==> flow/design.v <==
module mul_unit #(
    parameter BITS = 14
) (
    input  wire clk,
    input  wire resetn,
    input  wire [BITS-1:0] a_in,
    input  wire [BITS-1:0] b_in,
    output wire [2*BITS-1:0] p_out
);
    reg [BITS-1:0] a_ff;
    reg [BITS-1:0] b_ff;
    always @(posedge clk) begin
        if (~resetn) begin
            a_ff <= 0;
            b_ff <= 0;
        end else begin
            a_ff <= a_in;
            b_ff <= b_in;
        end
    end
    localparam H = BITS / 2;
    wire [BITS-1:0] ll;
    half_mul #(.N(H)) u (.a(a_ff[H-1:0]), .b(b_ff[H-1:0]), .p(ll));
    wire [BITS-1:0] lh;
    half_mul #(.N(H)) el (.a(a_ff[H-1:0]), .b(b_ff[BITS-1:H]), .p(lh));
    wire [BITS-1:0] hl;
    half_mul #(.N(H)) i_sub (.a(a_ff[BITS-1:H]), .b(b_ff[H-1:0]), .p(hl));
    wire [BITS-1:0] hh;
    half_mul #(.N(H)) u0 (.a(a_ff[BITS-1:H]), .b(b_ff[BITS-1:H]), .p(hh));
    wire [BITS:0] aux = lh + hl;
    reg [2*BITS-1:0] p_ff;
    always @(posedge clk) begin
        if (~resetn) begin
            p_ff <= 0;
        end else begin
            p_ff <= {hh, ll} + {aux, {H{1'b0}}};
        end
    end
    assign p_out = p_ff;
endmodule
module half_mul #(parameter N = 4) (
    input wire [N-1:0] a,
    input wire [N-1:0] b,
    output wire [2*N-1:0] p
);
    assign p = a * b;
endmodule
## Reports on mul_unit

The steps from the RTL of mul_unit to its reports follow in flow order.
Lines are those of the file above, counted from 1.
A cell with -- has no value.

| set-up | value |
|---|---|
| top module | mul_unit |
| clock port | clk |
| standard-cell library | sky130hd |
| timing corner | tt_025C_1v80 |

## Word-level counts

Yosys after proc, flatten, opt, wreduce and memory -nomap, before mapping. Enables and synchronous resets that opt folds into registers are not counted as muxes. Memory bits, and registers merged into a memory's read port (data or address), are not among the register bits. Print and check cells are not counted. Equal cells are merged and count once.

| operators by class | value |
|---|---|
| multiplexer cells | 0 |
| magnitude comparators | 0 |
| shifts and indexed selects | 0 |
| eq/ne operators | 0 |
| divide/modulo/power cells | 0 |
| $mul | 4 |
| bitwise logic cells | 0 |
| $add $sub $neg | 2 |
| reductions and logical operators | 0 |

Operators by type and width:

| kind | count |
|---|---|
| 7-bit by 7-bit multiplier with 14-bit output | 4 |
| 28-bit by 22-bit adder with 28-bit output | 1 |
| 14-bit by 14-bit adder with 15-bit output | 1 |

| word-level totals | value |
|---|---|
| word width x clocked read ports | 0 |
| latch bits | 0 |
| word-level cells | 9 |
| memory bits (read-only) | 0 |
| memories kept | 0 |
| bits in writable memories | 0 |
| flip-flop bits (word level) | 56 |

## Logic depth

Longest topological path by Yosys (ltp), each cell counted once; first at word level (registers and memories cut), then after technology mapping (sequential cells cut; the memories' decode and read muxes count).

| logic depth | value |
|---|---|
| word-level depth | 3 |
| ABC_AREA | 0 |
| mapped depth | 28 |
| mapped depth without buffers | 27 |

## Synthesis result

Yosys stat after the flow's synthesis: flattened, memories mapped to cells. It holds for the ABC_AREA given above (unset counts as 0); a run with the other value may have another netlist.

| synthesis totals | value |
|---|---|
| mapped cells | 1,003 |
| mapped flip-flops | 56 |
| sequential area | 1,121.1 µm² |
| synthesis area | 8,948.6 µm² |
| buffers | 35 |

Cells by type:

| type | count | area in all (µm²) |
|---|---|---|
| sky130_fd_sc_hd__fa_1 | 118 | 2.36E+03 |
| sky130_fd_sc_hd__ha_1 | 140 | 1,751.68 |
| sky130_fd_sc_hd__dfxtp_1 | 56 | 1.12E+03 |
| sky130_fd_sc_hd__and2_1 | 154 | 963.424 |
| sky130_fd_sc_hd__inv_1 | 174 | 653.126 |
| sky130_fd_sc_hd__nand2_1 | 101 | 379.114 |
| sky130_fd_sc_hd__xnor2_1 | 30 | 262.752 |
| sky130_fd_sc_hd__clkbuf_1 | 34 | 127.622 |
| sky130_fd_sc_hd__a21oi_1 | 25 | 125.12 |
| sky130_fd_sc_hd__o21ai_0 | 18 | 90.086 |
| sky130_fd_sc_hd__nor2_1 | 22 | 82.579 |
| sky130_fd_sc_hd__xor2_1 | 9 | 78.826 |
| sky130_fd_sc_hd__a21o_1 | 10 | 75.072 |
| sky130_fd_sc_hd__nor2b_1 | 12 | 75.072 |
| sky130_fd_sc_hd__o21a_1 | 10 | 75.072 |
| sky130_fd_sc_hd__nor3_1 | 7 | 35.034 |
| sky130_fd_sc_hd__nor3_4 | 2 | 32.531 |
| sky130_fd_sc_hd__nand2b_1 | 5 | 31.28 |

Other cell types: 40; their cells: 76.
The figures by module come from a second, unflattened synthesis with its own total; it is not the netlist above.

| second synthesis, totals | value |
|---|---|
| cell total of the unflattened synthesis | 1,017 |
| area total of the unflattened synthesis | 9,112.5 µm² |

Rows give one instance, submodules left out.

Modules:

| module | cells | area (µm²) | seq. area (µm²) | instances |
|---|---|---|---|---|
| half_mul (N=7) | 175 | 1,540.2 | 0.0 | 4 |
| mul_unit | 317 | 2,951.6 | 1,121.1 | 1 |

## Worst setup path after synthesis

Source: OpenSTA report_checks on the synthesized netlist (no wires, ideal clock, input and output delay 20% of the period each), path of least setup slack; recovery checks are left aside. Register names are those of the netlist, which keeps one name where synthesis merged equal registers.

| path post-synthesis | value |
|---|---|
| path type | register to register |
| start point | register b_ff[1] |
| end point | register p_ff[27] |
| arrival | 6.798 ns |
| setup slack | 1.728 ns |
| buffers on the path | 1 |
| data required time | 8.525 ns |
| delay of the path | 6.913 ns |
| stages | 27 |
| clock period | 8.64 ns |
| setup time | 0.115 ns |
| period reached after synthesis | 6.912 ns |

"delay of the path" is the arrival time less input delay plus setup time.
"stages" counts driving pins, that of a launching flip-flop among them; a cell with two outputs on the path counts twice.
"period reached after synthesis" is the clock period less the worst setup slack; recovery checks do not enter. This is arithmetic on one report: input and output delays are still those of the set period (20% each).
The rows between start and end are the longest chain of elaborated cells between them; the timing report does not say that the signal goes this way. Where chains are equally long, one stands for them.
A line is the first line of the expression or statement that the cell stems from. Yosys adds cells for indexed reads and writes and turns some case tables into memories.

| between the ends, post-synthesis | value |
|---|---|
| cells stage by stage | sky130_fd_sc_hd__dfxtp_1 sky130_fd_sc_hd__clkbuf_1 sky130_fd_sc_hd__and2_1 sky130_fd_sc_hd__fa_1 sky130_fd_sc_hd__inv_1 sky130_fd_sc_hd__fa_1 sky130_fd_sc_hd__inv_1 sky130_fd_sc_hd__fa_1 sky130_fd_sc_hd__fa_1 sky130_fd_sc_hd__fa_1 sky130_fd_sc_hd__inv_1 sky130_fd_sc_hd__fa_1 sky130_fd_sc_hd__inv_1 sky130_fd_sc_hd__ha_1 sky130_fd_sc_hd__or3_1 sky130_fd_sc_hd__o21ai_1 sky130_fd_sc_hd__o21ai_1 sky130_fd_sc_hd__or3_1 sky130_fd_sc_hd__o21ai_0 sky130_fd_sc_hd__xnor2_1 sky130_fd_sc_hd__ha_1 sky130_fd_sc_hd__and2_1 sky130_fd_sc_hd__a21o_2 sky130_fd_sc_hd__a21o_2 sky130_fd_sc_hd__o2111a_1 sky130_fd_sc_hd__and3_1 sky130_fd_sc_hd__o21a_1 |
| cells in the longest elaborated chain | 3 |

Ends and longest elaborated chain, post-synthesis:

| what | line | source |
|---|---|---|
| from (decl) | 11 | `reg [BITS-1:0] b_ff;` |
| from (assign) | 15 | `b_ff <= 0;` |
| from (assign) | 18 | `b_ff <= b_in;` |
| 7-bit by 7-bit multiplier with 14-bit output | 46 | `assign p = a * b;` |
| 14-bit by 14-bit adder with 15-bit output | 30 | `wire [BITS:0] aux = lh + hl;` |
| 28-bit by 22-bit adder with 28-bit output | 36 | `p_ff <= {hh, ll} + {aux, {H{1'b0}}};` |
| to (assign) | 34 | `p_ff <= 0;` |
| to (assign) | 36 |  |
| to (decl) | 31 | `reg [2*BITS-1:0] p_ff;` |

## Path in the finished layout

From the final timing report of run A: the path of least setup slack in the routed layout; clock arrival at registers is part of the times.

| path post-layout | value |
|---|---|
| path type | register to register |
| start point | register a_ff[12] |
| end point | register p_ff[27] |
| data required time | 7.82 ns |
| clock period | 7.6 ns |
| setup slack | 1.05 ns |
| setup time | 0.10 ns |
| arrival | 6.77 ns |
| buffers on the path | 0 |
| stages | 26 |

The rows between start and end are the longest chain of elaborated cells between them; the timing report does not say that the signal goes this way. Where chains are equally long, one stands for them.

| between the ends, post-layout | value |
|---|---|
| cells stage by stage | sky130_fd_sc_hd__dfxtp_1 sky130_fd_sc_hd__and2_4 sky130_fd_sc_hd__fa_1 sky130_fd_sc_hd__inv_2 sky130_fd_sc_hd__fa_1 sky130_fd_sc_hd__inv_2 sky130_fd_sc_hd__fa_1 sky130_fd_sc_hd__fa_1 sky130_fd_sc_hd__fa_1 sky130_fd_sc_hd__inv_1 sky130_fd_sc_hd__fa_1 sky130_fd_sc_hd__inv_1 sky130_fd_sc_hd__ha_2 sky130_fd_sc_hd__or3_4 sky130_fd_sc_hd__o21ai_4 sky130_fd_sc_hd__o21ai_2 sky130_fd_sc_hd__or3_1 sky130_fd_sc_hd__o21ai_2 sky130_fd_sc_hd__xnor2_1 sky130_fd_sc_hd__ha_1 sky130_fd_sc_hd__and2_4 sky130_fd_sc_hd__a21o_4 sky130_fd_sc_hd__a21o_4 sky130_fd_sc_hd__o2111a_1 sky130_fd_sc_hd__and3_1 sky130_fd_sc_hd__o21a_1 |
| cells in the longest elaborated chain | 3 |

Ends and longest elaborated chain, post-layout:

| what | line | source |
|---|---|---|
| from (decl) | 10 | `reg [BITS-1:0] a_ff;` |
| from (assign) | 14 | `a_ff <= 0;` |
| from (assign) | 17 | `a_ff <= a_in;` |
| 7-bit by 7-bit multiplier with 14-bit output | 46 | `assign p = a * b;` |
| 14-bit by 14-bit adder with 15-bit output | 30 | `wire [BITS:0] aux = lh + hl;` |
| 28-bit by 22-bit adder with 28-bit output | 36 | `p_ff <= {hh, ll} + {aux, {H{1'b0}}};` |
| to (assign) | 34 | `p_ff <= 0;` |
| to (assign) | 36 |  |
| to (decl) | 31 | `reg [2*BITS-1:0] p_ff;` |

==> results <==
Measured results for mul_unit: 2 stored runs of the Yosys and OpenROAD flow on sky130hd. The settings differ; the order carries no meaning. The constraints put input and output delay at 20% of the set period each and load the outputs with 0.01 pF.
By "achieved period" is meant the clock period of the run minus its worst setup slack. This is arithmetic on one report: input and output delays are still those of the set period (20% each).
"critical setup path time": the worst setup path's part of the clock period (all of it between registers, 20% less for each end at a port) less its slack. A launch clock that arrives late makes it longer, a capture clock that arrives late makes it shorter.
By "total power of the final layout" is meant OpenSTA's value without simulated activity: inputs other than the clock are taken to toggle once in ten clock periods, and the tool carries that through the logic.

#### Run A

| setting | value |
|---|---|
| period_ns | `7.6` |
| CORE_UTILIZATION | `45` |
| SETUP_SLACK_MARGIN | `1.41` |
| PLACE_DENSITY_LB_ADDON | `0.1` |
| HOLD_SLACK_MARGIN | `0.1` |
| CELL_PAD_IN_SITES_DETAIL_PLACEMENT | `1` |
| TNS_END_PERCENT | `20` |
| CTS_CLUSTER_SIZE | `16` |
| CAP_MARGIN | `5` |
| MIN_ROUTING_LAYER | `met1` |
| CORE_MARGIN | `2` |
| SLEW_MARGIN | `20` |

| result | value |
|---|---|
| sum of negative setup slack | 0.000 ns |
| die size | 21,029.4 µm² |
| achieved period | 6.551 ns |
| total power of the final layout | 1,302 uW |
| critical setup path time | 6.55 ns |
| type of the worst setup path | register to register |
| utilization after routing | 52.9 % |
| chip area in the Yosys report | 8,948.6 µm² |
| setup slack of the worst path | 1.049 ns |
| worst-case hold slack | 0.638 ns |
| std-cell area (final layout) | 10,303.6 µm² |

#### Run B

| setting | value |
|---|---|
| period_ns | `8.64` |
| CAP_MARGIN | `20` |
| CORE_MARGIN | `2` |
| CORE_UTILIZATION | `40` |
| SLEW_MARGIN | `20` |

| result | value |
|---|---|
| sum of negative setup slack | 0.000 ns |
| die size | 23,583.7 µm² |
| achieved period | 7.333 ns |
| total power of the final layout | 1,072 uW |
| critical setup path time | 7.33 ns |
| type of the worst setup path | register to register |
| utilization after routing | 45.1 % |
| chip area in the Yosys report | 8,948.6 µm² |
| setup slack of the worst path | 1.307 ns |
| worst-case hold slack | 0.727 ns |
| std-cell area (final layout) | 9,874.5 µm² |
